==> flow/design.v <==
module reg_word #(parameter N = 8) (
    input wire clk,
    input wire en,
    input wire [N-1:0] d,
    output reg [N-1:0] q
);
    always @(posedge clk)
        if (en) q <= d;
endmodule
module mem_p #(
    parameter NUM_REGS = 16,
    parameter DATA_W = 10,
    parameter RP = 4,
    parameter ADDR_W = $clog2(NUM_REGS)
) (
    input i_clk,
    input in_wr_en,
    input [ADDR_W-1:0] in_write_addr,
    input [DATA_W-1:0] in_wd,
    input [RP*ADDR_W-1:0] in_read_addr,
    output reg [RP*DATA_W-1:0] out_rd
);
    wire [NUM_REGS*DATA_W-1:0] array;
    genvar ii;
    generate
        for (ii = 0; ii < NUM_REGS; ii = ii + 1) begin : row
            reg_word #(.N(DATA_W)) i_sub (.clk(i_clk), .en(in_wr_en && in_write_addr == ii), .d(in_wd), .q(array[ii*DATA_W +: DATA_W]));
        end
    endgenerate
    wire [RP*DATA_W-1:0] cur;
    genvar m;
    generate
        for (m = 0; m < RP; m = m + 1) begin : gen
            assign cur[m*DATA_W +: DATA_W] = array[in_read_addr[m*ADDR_W +: ADDR_W]*DATA_W +: DATA_W];
        end
    endgenerate
    always @(posedge i_clk) begin
        out_rd <= cur;
    end
endmodule
Lab notebook: mem_p

From RTL to reports: mem_p --
A sweep over "NUM_REGS": the same steps for each member of the family. The RTL above is that of NUM_REGS=16; lines are counted from 1 in the file of the member named. Cell names lack the library's common part. A cell with n/a has no value.
Inputs: top mem_p, clock i_clk, library sky130hd, corner tt_025C_1v80

Source of the members --
Lines of each other member's file that are new or changed against the file above; lines that a member lacks are not shown.
New or changed lines:
- NUM_REGS 20 | RTL line 11 | parameter NUM_REGS = 20,
- NUM_REGS 48 | RTL line 11 | parameter NUM_REGS = 48,
- NUM_REGS 128 | RTL line 11 | parameter NUM_REGS = 128,

Elaborated design --
Yosys after proc, flatten, opt, wreduce and memory -nomap, before mapping. Enables and synchronous resets that opt folds into registers are not counted as muxes. Memory bits, and registers merged into a memory's read port (data or address), are not among the register bits. Print and check cells are not counted. Equal cells are merged and count once.
Bit counts (flip-flop bits (word level)):
- NUM_REGS 16 | 200
- NUM_REGS 20 | 240
- NUM_REGS 48 | 520
- NUM_REGS 128 | 1320
Cells by class:
- NUM_REGS 16 | $mul 4, equality and inequality tests 15, shifts and indexed selects 4, reductions and logical operators 17
- NUM_REGS 20 | $mul 4, equality and inequality tests 19, shifts and indexed selects 4, reductions and logical operators 21
- NUM_REGS 48 | $mul 4, equality and inequality tests 47, shifts and indexed selects 4, reductions and logical operators 49
- NUM_REGS 128 | $mul 4, equality and inequality tests 127, shifts and indexed selects 4, reductions and logical operators 129
Operator list (kinds with counts):
- NUM_REGS 16 | indexed select 160 x 9 -> 10 bit: 4; multiplier 4 x 3 -> 7 bit (second input constant): 4; == test 4 bit (second input constant): 8; logical AND 1 bit: 16; == test 4 x 3 -> 1 bit (second input constant): 4; == test 4 x 2 -> 1 bit (second input constant): 2; == test 4 x 1 -> 1 bit (second input constant): 1; logical NOT 4 bit: 1
- NUM_REGS 20 | indexed select 200 x 10 -> 10 bit: 4; multiplier 5 x 3 -> 8 bit (second input constant): 4; == test 5 x 4 -> 1 bit (second input constant): 8; logical AND 1 bit: 20; == test 5 x 3 -> 1 bit (second input constant): 4; == test 5 bit (second input constant): 4; == test 5 x 2 -> 1 bit (second input constant): 2; == test 5 x 1 -> 1 bit (second input constant): 1; logical NOT 5 bit: 1
- NUM_REGS 48 | indexed select 480 x 11 -> 10 bit: 4; multiplier 6 x 3 -> 9 bit (second input constant): 4; == test 6 x 5 -> 1 bit (second input constant): 16; == test 6 bit (second input constant): 16; logical AND 1 bit: 48; == test 6 x 4 -> 1 bit (second input constant): 8; == test 6 x 3 -> 1 bit (second input constant): 4; == test 6 x 2 -> 1 bit (second input constant): 2; == test 6 x 1 -> 1 bit (second input constant): 1; logical NOT 6 bit: 1
- NUM_REGS 128 | indexed select 1280 x 12 -> 10 bit: 4; == test 7 bit (second input constant): 64; == test 7 x 6 -> 1 bit (second input constant): 32; logical AND 1 bit: 128; multiplier 7 x 3 -> 10 bit (second input constant): 4; == test 7 x 5 -> 1 bit (second input constant): 16; == test 7 x 4 -> 1 bit (second input constant): 8; == test 7 x 3 -> 1 bit (second input constant): 4; == test 7 x 2 -> 1 bit (second input constant): 2; == test 7 x 1 -> 1 bit (second input constant): 1; logical NOT 7 bit: 1

Logic depth --
Depth = most cells in a row (Yosys ltp): at word level without a register or memory, in the mapped netlist without a sequential cell, where the memories' decode and read muxes count.
Depth:
- NUM_REGS 16 | depth in word-level cells 2, ABC_AREA 0, depth in mapped cells 5
- NUM_REGS 20 | depth in word-level cells 2, ABC_AREA 0, depth in mapped cells 7
- NUM_REGS 48 | depth in word-level cells 2, ABC_AREA 0, depth in mapped cells 7
- NUM_REGS 128 | depth in word-level cells 2, ABC_AREA 0, depth in mapped cells 7

Netlist --
The flow's flattened synthesis, as Yosys stat reports it; memories are mapped. The netlist is that of the ABC_AREA named above (0 if unset); the other value can give another one. The area totals of this step are shown rounded.
Cell types (type and count):
- NUM_REGS 16 | edfxtp_1: 160; mux4_2: 112; mux4_1: 48; dfxtp_1: 40; a22oi_1: 80; nand2_1: 41; buf_8: 8; buf_1: 20; buf_4: 8; nor2_1: 16; nor2b_1: 8; buf_6: 4; clkbuf_1: 8; and2_1: 4; nor3_1: 4; nand3b_1: 2; nand2b_1: 2; or3b_1: 1; nand3_1: 1
- NUM_REGS 20 | edfxtp_1: 200; mux4_2: 97; mux2i_1: 183; dfxtp_1: 40; a22oi_1: 56; mux2_2: 26; mux4_1: 11; nand2_1: 71; nand3_1: 51; buf_2: 34; nor2b_1: 17; nor2_1: 28; a21oi_1: 19; clkbuf_1: 19; nand4_1: 11; a221o_1: 6; buf_1: 15; nand2b_1: 9; [+68]
- NUM_REGS 48 | edfxtp_1: 480; mux4_2: 510; a22oi_1: 160; dfxtp_1: 40; a211o_1: 40; mux2i_1: 30; clkbuf_1: 67; a21oi_1: 50; buf_2: 46; a21boi_1: 30; nor2_1: 57; buf_6: 9; nor2b_1: 16; buf_1: 24; buf_4: 9; buf_8: 3; nand2_1: 9; nand3_1: 6; [+13]
- NUM_REGS 128 | edfxtp_1: 1280; mux4_2: 1680; clkbuf_1: 224; dfxtp_1: 40; buf_2: 124; nor2_1: 128; mux2_2: 40; buf_1: 38; nand2_1: 16; buf_6: 4; nand3b_1: 5; buf_4: 4; nand3_1: 6; nor3_1: 4; or3b_2: 2; nand2b_1: 2; nor2b_1: 2; and3b_1: 1; [+3]
The mark [+n] counts cells that are not listed.
Synthesis totals:
- NUM_REGS 16 | mapped cells 567, cell area after synthesis 0.011 mm², sequential part of the area 0.0056 mm², flip-flops 200
- NUM_REGS 20 | mapped cells 961, cell area after synthesis 0.014 mm², sequential part of the area 0.0068 mm², flip-flops 240
- NUM_REGS 48 | mapped cells 1599, cell area after synthesis 0.03 mm², sequential part of the area 0.015 mm², flip-flops 520
- NUM_REGS 128 | mapped cells 3603, cell area after synthesis 0.08 mm², sequential part of the area 0.039 mm², flip-flops 1320
The figures by module come from a second, unflattened synthesis with its own total; it is not the netlist above.
Second synthesis, totals:
- NUM_REGS 16 | cells (unflattened synthesis) 567, area (unflattened synthesis) 0.011 mm²
- NUM_REGS 20 | cells (unflattened synthesis) 817, area (unflattened synthesis) 0.014 mm²
- NUM_REGS 48 | cells (unflattened synthesis) 1599, area (unflattened synthesis) 0.03 mm²
- NUM_REGS 128 | cells (unflattened synthesis) 3603, area (unflattened synthesis) 0.08 mm²

Timing after synthesis --
Path of least setup slack by OpenSTA after synthesis, without wires, with an ideal clock, recovery checks aside; 20% of the period is set as input and as output delay. Where synthesis merged equal registers, the netlist keeps one of their names.
Timing after synthesis:
- NUM_REGS 16 | path kind input -> register, start point input in_write_addr[3], end point register row[0].i_sub.q[0], period 2.44 ns, slack 0.391 ns, stages 2, delay of the path 1.561 ns, synthesis period reached 2.049 ns
- NUM_REGS 20 | path kind input -> register, start point input in_write_addr[3], end point register row[18].i_sub.q[0], period 2.55 ns, slack 0.407 ns, stages 4, delay of the path 1.632 ns, synthesis period reached 2.143 ns
- NUM_REGS 48 | path kind input -> register, start point input in_read_addr[7], end point register out_rd[10], period 2.65 ns, slack 0.426 ns, stages 5, delay of the path 1.695 ns, synthesis period reached 2.224 ns
- NUM_REGS 128 | path kind input -> register, start point input in_read_addr[0], end point register out_rd[0], period 3.96 ns, slack 0.636 ns, stages 6, delay of the path 2.532 ns, synthesis period reached 3.324 ns
"delay of the path" = arrival - input delay + setup time. "stages": output pins that drive a net of the path, with the launching flip-flop's if there is one; two outputs of one cell count as two. "synthesis period reached" = period - worst setup slack (recovery checks aside). The figure is calculated, with input and output delays left at 20% of the set period. The rows between start and end are the longest chain of elaborated cells between them; the timing report does not say that the signal goes this way. Where chains are equally long, one stands for them. A line is the first line of the expression or statement that the cell stems from. Yosys adds cells for indexed reads and writes and turns some case tables into memories.
Between the ends, after synthesis, NUM_REGS=16: length of the longest elaborated chain 2
Ends and longest elaborated chain, after synthesis, NUM_REGS=16:
- start, declared | RTL line 18 | input [ADDR_W-1:0] in_write_addr,
- logical NOT 4 bit | RTL line 27 | reg_word #(.N(DATA_W)) i_sub (.clk(i_clk), .en(in_wr_en && in_write_addr == ii), .d(in_wd), .q(array[ii*DATA_W ...
- logical AND 1 bit | RTL line 27
- end, assigned | RTL line 8 | if (en) q <= d;
- end, declared | RTL line 5 | output reg [N-1:0] q
Between the ends, after synthesis, NUM_REGS=128: length of the longest elaborated chain 2
Ends and longest elaborated chain, after synthesis, NUM_REGS=128:
- start, declared | RTL line 20 | input [RP*ADDR_W-1:0] in_read_addr,
- multiplier 7 x 3 -> 10 bit | RTL line 34 | assign cur[m*DATA_W +: DATA_W] = array[in_read_addr[m*ADDR_W +: ADDR_W]*DATA_W +: DATA_W];
- indexed select 1280 x 12 -> 10 bit | RTL line 34
- end, assigned | RTL line 38 | out_rd <= cur;
- end, declared | RTL line 21 | output reg [RP*DATA_W-1:0] out_rd

Timing after layout --
Path of least setup slack in the final report of each member's run (OpenROAD, finished layout, wires in). Where an end is a register, its clock arrival counts in the times.
Timing after layout:
- NUM_REGS 16 | path kind register -> output, start point register out_rd[9], end point output out_rd[9], period 2.44 ns, slack 0.57 ns, stages 2, arrival time 1.38 ns, buffers on the path 1
- NUM_REGS 20 | path kind register -> output, start point register out_rd[14], end point output out_rd[14], period 2.55 ns, slack 0.51 ns, stages 2, arrival time 1.53 ns, buffers on the path 1
- NUM_REGS 48 | path kind register -> output, start point register out_rd[16], end point output out_rd[16], period 2.65 ns, slack 0.27 ns, stages 2, arrival time 1.85 ns, buffers on the path 1
- NUM_REGS 128 | path kind input -> register, start point input in_read_addr[14], end point register out_rd[20], period 3.96 ns, slack 0.90 ns, stages 7, arrival time 3.76 ns, buffers on the path 3

Flow runs --
Settings and results of one run of the flow (Yosys, OpenROAD) for each member follow. The constraints put input and output delay at 20% of the set period each and load the outputs with 0.01 pF.
Flow settings: CAP_MARGIN 20, CORE_MARGIN 2, CORE_UTILIZATION 40, SLEW_MARGIN 20
Settings by member (period_ns):
- NUM_REGS 16 | 2.44
- NUM_REGS 20 | 2.55
- NUM_REGS 48 | 2.65
- NUM_REGS 128 | 3.96
Measured results:
- NUM_REGS 16 | netlist area reported by Yosys 0.011 mm², overall die area 0.028 mm², standard-cell area after layout 0.012 mm², setup slack of the worst path 0.57 ns, total negative setup slack 0.000 ns, post-route worst hold slack 0.75 ns, total power after layout 7700 uW, reached clock period 1.866 ns
- NUM_REGS 20 | netlist area reported by Yosys 0.014 mm², overall die area 0.036 mm², standard-cell area after layout 0.016 mm², setup slack of the worst path 0.51 ns, total negative setup slack 0.000 ns, post-route worst hold slack 0.65 ns, total power after layout 9600 uW, reached clock period 2.042 ns
- NUM_REGS 48 | netlist area reported by Yosys 0.03 mm², overall die area 0.078 mm², standard-cell area after layout 0.036 mm², setup slack of the worst path 0.27 ns, total negative setup slack 0.000 ns, post-route worst hold slack 0.69 ns, total power after layout 20000 uW, reached clock period 2.383 ns
- NUM_REGS 128 | netlist area reported by Yosys 0.08 mm², overall die area 0.2 mm², standard-cell area after layout 0.093 mm², setup slack of the worst path 0.90 ns, total negative setup slack 0.000 ns, post-route worst hold slack 0.52 ns, total power after layout 35000 uW, reached clock period 3.057 ns
By "reached clock period" is meant the clock period of the run minus its worst setup slack. This is arithmetic on one report: input and output delays are still those of the set period (20% each). "total power after layout": no workload was simulated; the value follows from the tool's default switching activity. Values from the reports are rounded here.
